==> flow/design.v <==
module gen_times #(
  parameter integer DATA_WIDTH = 16,
  parameter integer GAIN = 683,
  parameter integer SUM_W = DATA_WIDTH + $clog2(GAIN + 1)
) (
  input  wire sys_clk,
  input  wire RST,
  input  wire [DATA_WIDTH-1:0] i_in0,
  output reg [SUM_W-1:0] o_m
);
  reg [SUM_W-1:0] t;
  integer i;
  always @* begin
    t = 0;
    for (i = 0; i < SUM_W - DATA_WIDTH; i = i + 1)
      if ((GAIN >> i) & 1) t = t + (i_in0 << i);
  end
  always @(posedge sys_clk) begin
    if (RST) begin
      o_m <= 0;
    end else begin
      o_m <= t;
    end
  end
endmodule
---- From RTL to reports: gen_times ----
What the tools print for gen_times, step after step.
Line numbers count from 1 in the design file above.
Operators: Yosys type, input widths -> output width; for muxes data width and select width s.
Library cell names are shortened.
A cell with - has no value.
design
  top ..................................... gen_times
  clock ................................... sys_clk
  standard-cell library ................... sky130hd
  timing corner ........................... tt_025C_1v80

---- Elaborated design ----
Counts by Yosys on the flattened word-level netlist (proc, flatten, opt, wreduce; memories kept). Register bits leave out memories and registers merged into their read ports (data or address); mux counts leave out enables and synchronous resets folded into registers. Print and check cells are left out. Cells with the same type and inputs are merged into one.
bit counts
  word-level cells ........................ 6
  input port bits ......................... 18
  output and inout port bits .............. 26
  register bits after elaboration ......... 26
cells by class
  add/sub/neg operators ................... 5
operators with widths
  kind            number
  $add 24x25->26  1
  $add 22x23->24  1
  $add 20x21->22  1
  $add 18x19->20  1
  $add 16x17->18  1

---- Longest topological paths ----
Longest topological path by Yosys (ltp), each cell counted once; first at word level (registers and memories cut), then after technology mapping (sequential cells cut; the memories' decode and read muxes count).
depth
  depth after elaboration ................. 5
  ABC_AREA ................................ 1
  mapped depth ............................ 19
  gate-level depth less buffers ........... 19

---- Netlist ----
Yosys stat after the flow's synthesis: flattened, memories mapped to cells. It holds for the ABC_AREA given above (unset counts as 0); a run with the other value may have another netlist.
The area totals of this step are shown rounded.
mapped netlist
  mapped flip-flops ....................... 26
  cell area after synthesis ............... 0.003741 mm2
  buffers ................................. 2
  cells in the netlist .................... 520
  area of sequential cells ................ 0.0005205 mm2
cells by type
  cell      number  total area (um2)
  fa_1      43      860.826
  ha_1      49      613.088
  inv_1     152     570.547
  dfxtp_1   26      520.499
  nand2_1   117     439.171
  nor2_1    40      150.144
  a21oi_1   25      125.12
  nand3_1   14      70.067
  nand3_2   6       60.058
  nand2_2   8       50.048
  nor2_4    4       45.043
  o21ai_0   9       45.043
  xnor2_1   4       35.034
  nor2_2    5       31.28
  nand4_1   3       18.768
  a21oi_2   2       17.517
  o21bai_1  2       15.014
  clkbuf_8  1       13.763
Other cell types: 8; their cells: 10.

---- Path before layout ----
OpenSTA on the mapped netlist: ideal clock, no wires. The path of least setup slack (recovery checks aside). Input and output delay are each 20% of the period. Register names are those of the netlist, which keeps one name where synthesis merged equal registers.
timing path after synthesis
  path type ............................... input to register
  start ................................... input i_in0[6]
  end ..................................... register o_m[21]
  data required time ...................... 5545 ps
  delay of the path ....................... 2947 ps
  setup slack ............................. 1581 ps
  setup time .............................. 115 ps
  launch time at the first pin ............ 1132 ps
  path buffers ............................ 0
  external input delay .................... 1132 ps
  clock period ............................ 5660 ps
  stages .................................. 16
  arrival ................................. 3964 ps
  synthesis period reached ................ 4079 ps
"delay of the path" is the arrival time less input delay plus setup time.
"stages" counts driving pins, that of a launching flip-flop among them; a cell with two outputs on the path counts twice.
"synthesis period reached" is the clock period less the worst setup slack; recovery checks do not enter. This is arithmetic on one report: input and output delays are still those of the set period (20% each).
The rows between start and end are the longest chain of elaborated cells between them; the timing report does not say that the signal goes this way. Where chains are equally long, one stands for them.
Each line given opens the expression or statement behind the cell; cells for indexed reads and writes are added by Yosys, which also makes memories of some case tables.
on the way, after synthesis
  path through ............................ inv_1 -> fa_1 -> inv_1 -> fa_1 -> inv_1 -> fa_1 -> inv_1 -> ha_1 -> nand2_1 -> inv_1 -> a21oi_1 -> nor2_1 -> nor2_1 -> nand3_2 -> nand2_1 -> nor2_1
  length of the longest elaborated chain .. 5
  elaborated cells on any way between the ends .. 5
  RTL lines with such cells ............... 1
  those cells by class .................... add/sub (5)
RTL lines, path after synthesis
  item             line  text
  start, declared  8     input  wire [DATA_WIDTH-1:0] i_in0,
  $add 16x17->18   16    if ((GAIN >> i) & 1) t = t + (i_in0 << i);
  $add 18x19->20   16
  $add 20x21->22   16
  $add 22x23->24   16
  $add 24x25->26   16
  end, assigned    20    o_m <= 0;
  end, assigned    22    o_m <= t;
  end, declared    9     output reg [SUM_W-1:0] o_m

---- Timing after layout ----
Path of least setup slack in the final report of job 1 (OpenROAD, finished layout, wires in). Where an end is a register, its clock arrival counts in the times.
The path's times are printed in steps of 10 ps; the period is the one set.
timing path post-layout
  path type ............................... input to register
  start ................................... input i_in0[3]
  end ..................................... register o_m[22]
  launch time at the first pin ............ 1070 ps
  path buffers ............................ 1
  clock period ............................ 5360 ps
  setup slack ............................. 720 ps
  data required time ...................... 5530 ps
  external input delay .................... 1070 ps
  setup time .............................. 100 ps
  stages .................................. 17
  arrival ................................. 4810 ps
The rows between start and end are the longest chain of elaborated cells between them; the timing report does not say that the signal goes this way. Where chains are equally long, one stands for them.
on the way, post-layout
  path through ............................ clkdlybuf4s50_1 -> inv_1 -> fa_1 -> inv_1 -> fa_1 -> inv_1 -> fa_1 -> inv_1 -> ha_1 -> nand2_2 -> inv_1 -> a21oi_2 -> nand3_2 -> nand2_2 -> nand3_2 -> nand2_1 -> nor2_1
  length of the longest elaborated chain .. 5
  elaborated cells on any way between the ends .. 5
  RTL lines with such cells ............... 1
  those cells by class .................... add/sub (5)
RTL lines, path post-layout
  item             line  text
  start, declared  8     input  wire [DATA_WIDTH-1:0] i_in0,
  $add 16x17->18   16    if ((GAIN >> i) & 1) t = t + (i_in0 << i);
  $add 18x19->20   16
  $add 20x21->22   16
  $add 22x23->24   16
  $add 24x25->26   16
  end, assigned    20    o_m <= 0;
  end, assigned    22    o_m <= t;
  end, declared    9     output reg [SUM_W-1:0] o_m

==> results <==
Stored flow runs of gen_times (3 of them; Yosys, OpenROAD, sky130hd). They differ in their settings and are not a sequence. Constraints: input delay and output delay 20% of the set period each, output load 0.01 pF.
"time on the worst setup path" is the time allowed to the run's worst setup path (the clock period less input and output delay, where it has them) less its slack. Clock arrival times count: a late capture clock shortens it, a late launch clock lengthens it.
"time on the worst setup path" is known to 10 ps.
Values from the reports are rounded here.

======== job 1 ========
==> flow/run.sh <==
#!/bin/bash
# the make line also repeats the synthesis and layout settings of config.mk as NAME=value (left out here)
make -C /OpenROAD-flow-scripts/flow DESIGN_CONFIG=/design/flow/config.mk WORK_HOME=/design/flow/orfs CLKGATE_MAP_FILE= finish
==> flow/config.mk <==
export PLATFORM = sky130hd
export DESIGN_NAME = gen_times
export DESIGN_NICKNAME = gen_times
export VERILOG_FILES = /design/flow/design.v
export SDC_FILE = /design/flow/constraint.sdc
export NUM_CORES = 4
export LEC_CHECK = 0
export ABC_AREA = 1
export CAP_MARGIN = 20
export CELL_PAD_IN_SITES_GLOBAL_PLACEMENT = 1
export CORE_MARGIN = 2
export CORE_UTILIZATION = 30
export CTS_CLUSTER_SIZE = 26
export GPL_ROUTABILITY_DRIVEN = 1
export MIN_ROUTING_LAYER = met1
export PLACE_DENSITY_LB_ADDON = 0.23
export SETUP_SLACK_MARGIN = 0.47
export SLEW_MARGIN = 10
==> flow/constraint.sdc <==
create_clock -name core_clock -period 5.36 [get_ports {sys_clk}]
set_input_delay 1.0720 -clock core_clock [delete_from_list [all_inputs] [get_ports {sys_clk}]]
set_output_delay 1.0720 -clock core_clock [all_outputs]
set_load 0.01 [all_outputs]

-------- measured, job 1 --------
  worst setup slack after layout .......... 716 ps
  netlist area reported by Yosys .......... 0.003741 mm2
  standard-cell area after layout ......... 0.004472 mm2
  time on the worst setup path ............ 3570 ps
  kind of the worst setup path ............ input to register
  total die area .......................... 0.01338 mm2
  final setup TNS ......................... 0 ps
  worst hold slack after layout ........... 1505 ps

======== job 2 ========
==> flow/run.sh <==
#!/bin/bash
# the make line also repeats the synthesis and layout settings of config.mk as NAME=value (left out here)
make -C /OpenROAD-flow-scripts/flow DESIGN_CONFIG=/design/flow/config.mk WORK_HOME=/design/flow/orfs CLKGATE_MAP_FILE= finish
==> flow/config.mk <==
export PLATFORM = sky130hd
export DESIGN_NAME = gen_times
export DESIGN_NICKNAME = gen_times
export VERILOG_FILES = /design/flow/design.v
export SDC_FILE = /design/flow/constraint.sdc
export NUM_CORES = 4
export LEC_CHECK = 0
export CAP_MARGIN = 20
export CELL_PAD_IN_SITES_DETAIL_PLACEMENT = 2
export CORE_MARGIN = 9
export CORE_UTILIZATION = 23
export CTS_CLUSTER_SIZE = 100
export MAX_ROUTING_LAYER = met5
export MIN_ROUTING_LAYER = met1
export PLACE_DENSITY_LB_ADDON = 0.21
export SETUP_SLACK_MARGIN = 0.94
export SLEW_MARGIN = 20
==> flow/constraint.sdc <==
create_clock -name core_clock -period 7.3 [get_ports {sys_clk}]
set_input_delay 1.4600 -clock core_clock [delete_from_list [all_inputs] [get_ports {sys_clk}]]
set_output_delay 1.4600 -clock core_clock [all_outputs]
set_load 0.01 [all_outputs]

-------- measured, job 2 --------
  worst setup slack after layout .......... 1574 ps
  netlist area reported by Yosys .......... 0.003254 mm2
  standard-cell area after layout ......... 0.003966 mm2
  time on the worst setup path ............ 4270 ps
  kind of the worst setup path ............ input to register
  total die area .......................... 0.01876 mm2
  final setup TNS ......................... 0 ps
  worst hold slack after layout ........... 1654 ps

======== job 3 ========
==> flow/run.sh <==
#!/bin/bash
# the make line also repeats the synthesis and layout settings of config.mk as NAME=value (left out here)
make -C /OpenROAD-flow-scripts/flow DESIGN_CONFIG=/design/flow/config.mk WORK_HOME=/design/flow/orfs CLKGATE_MAP_FILE= finish
==> flow/config.mk <==
export PLATFORM = sky130hd
export DESIGN_NAME = gen_times
export DESIGN_NICKNAME = gen_times
export VERILOG_FILES = /design/flow/design.v
export SDC_FILE = /design/flow/constraint.sdc
export NUM_CORES = 4
export LEC_CHECK = 0
export CAP_MARGIN = 20
export CORE_MARGIN = 2
export CORE_UTILIZATION = 40
export SLEW_MARGIN = 20
==> flow/constraint.sdc <==
create_clock -name core_clock -period 5.66 [get_ports {sys_clk}]
set_input_delay 1.1320 -clock core_clock [delete_from_list [all_inputs] [get_ports {sys_clk}]]
set_output_delay 1.1320 -clock core_clock [all_outputs]
set_load 0.01 [all_outputs]

-------- measured, job 3 --------
  worst setup slack after layout .......... 437 ps
  netlist area reported by Yosys .......... 0.003254 mm2
  standard-cell area after layout ......... 0.003946 mm2
  time on the worst setup path ............ 4090 ps
  kind of the worst setup path ............ input to register
  total die area .......................... 0.008874 mm2
  final setup TNS ......................... 0 ps
  worst hold slack after layout ........... 1738 ps
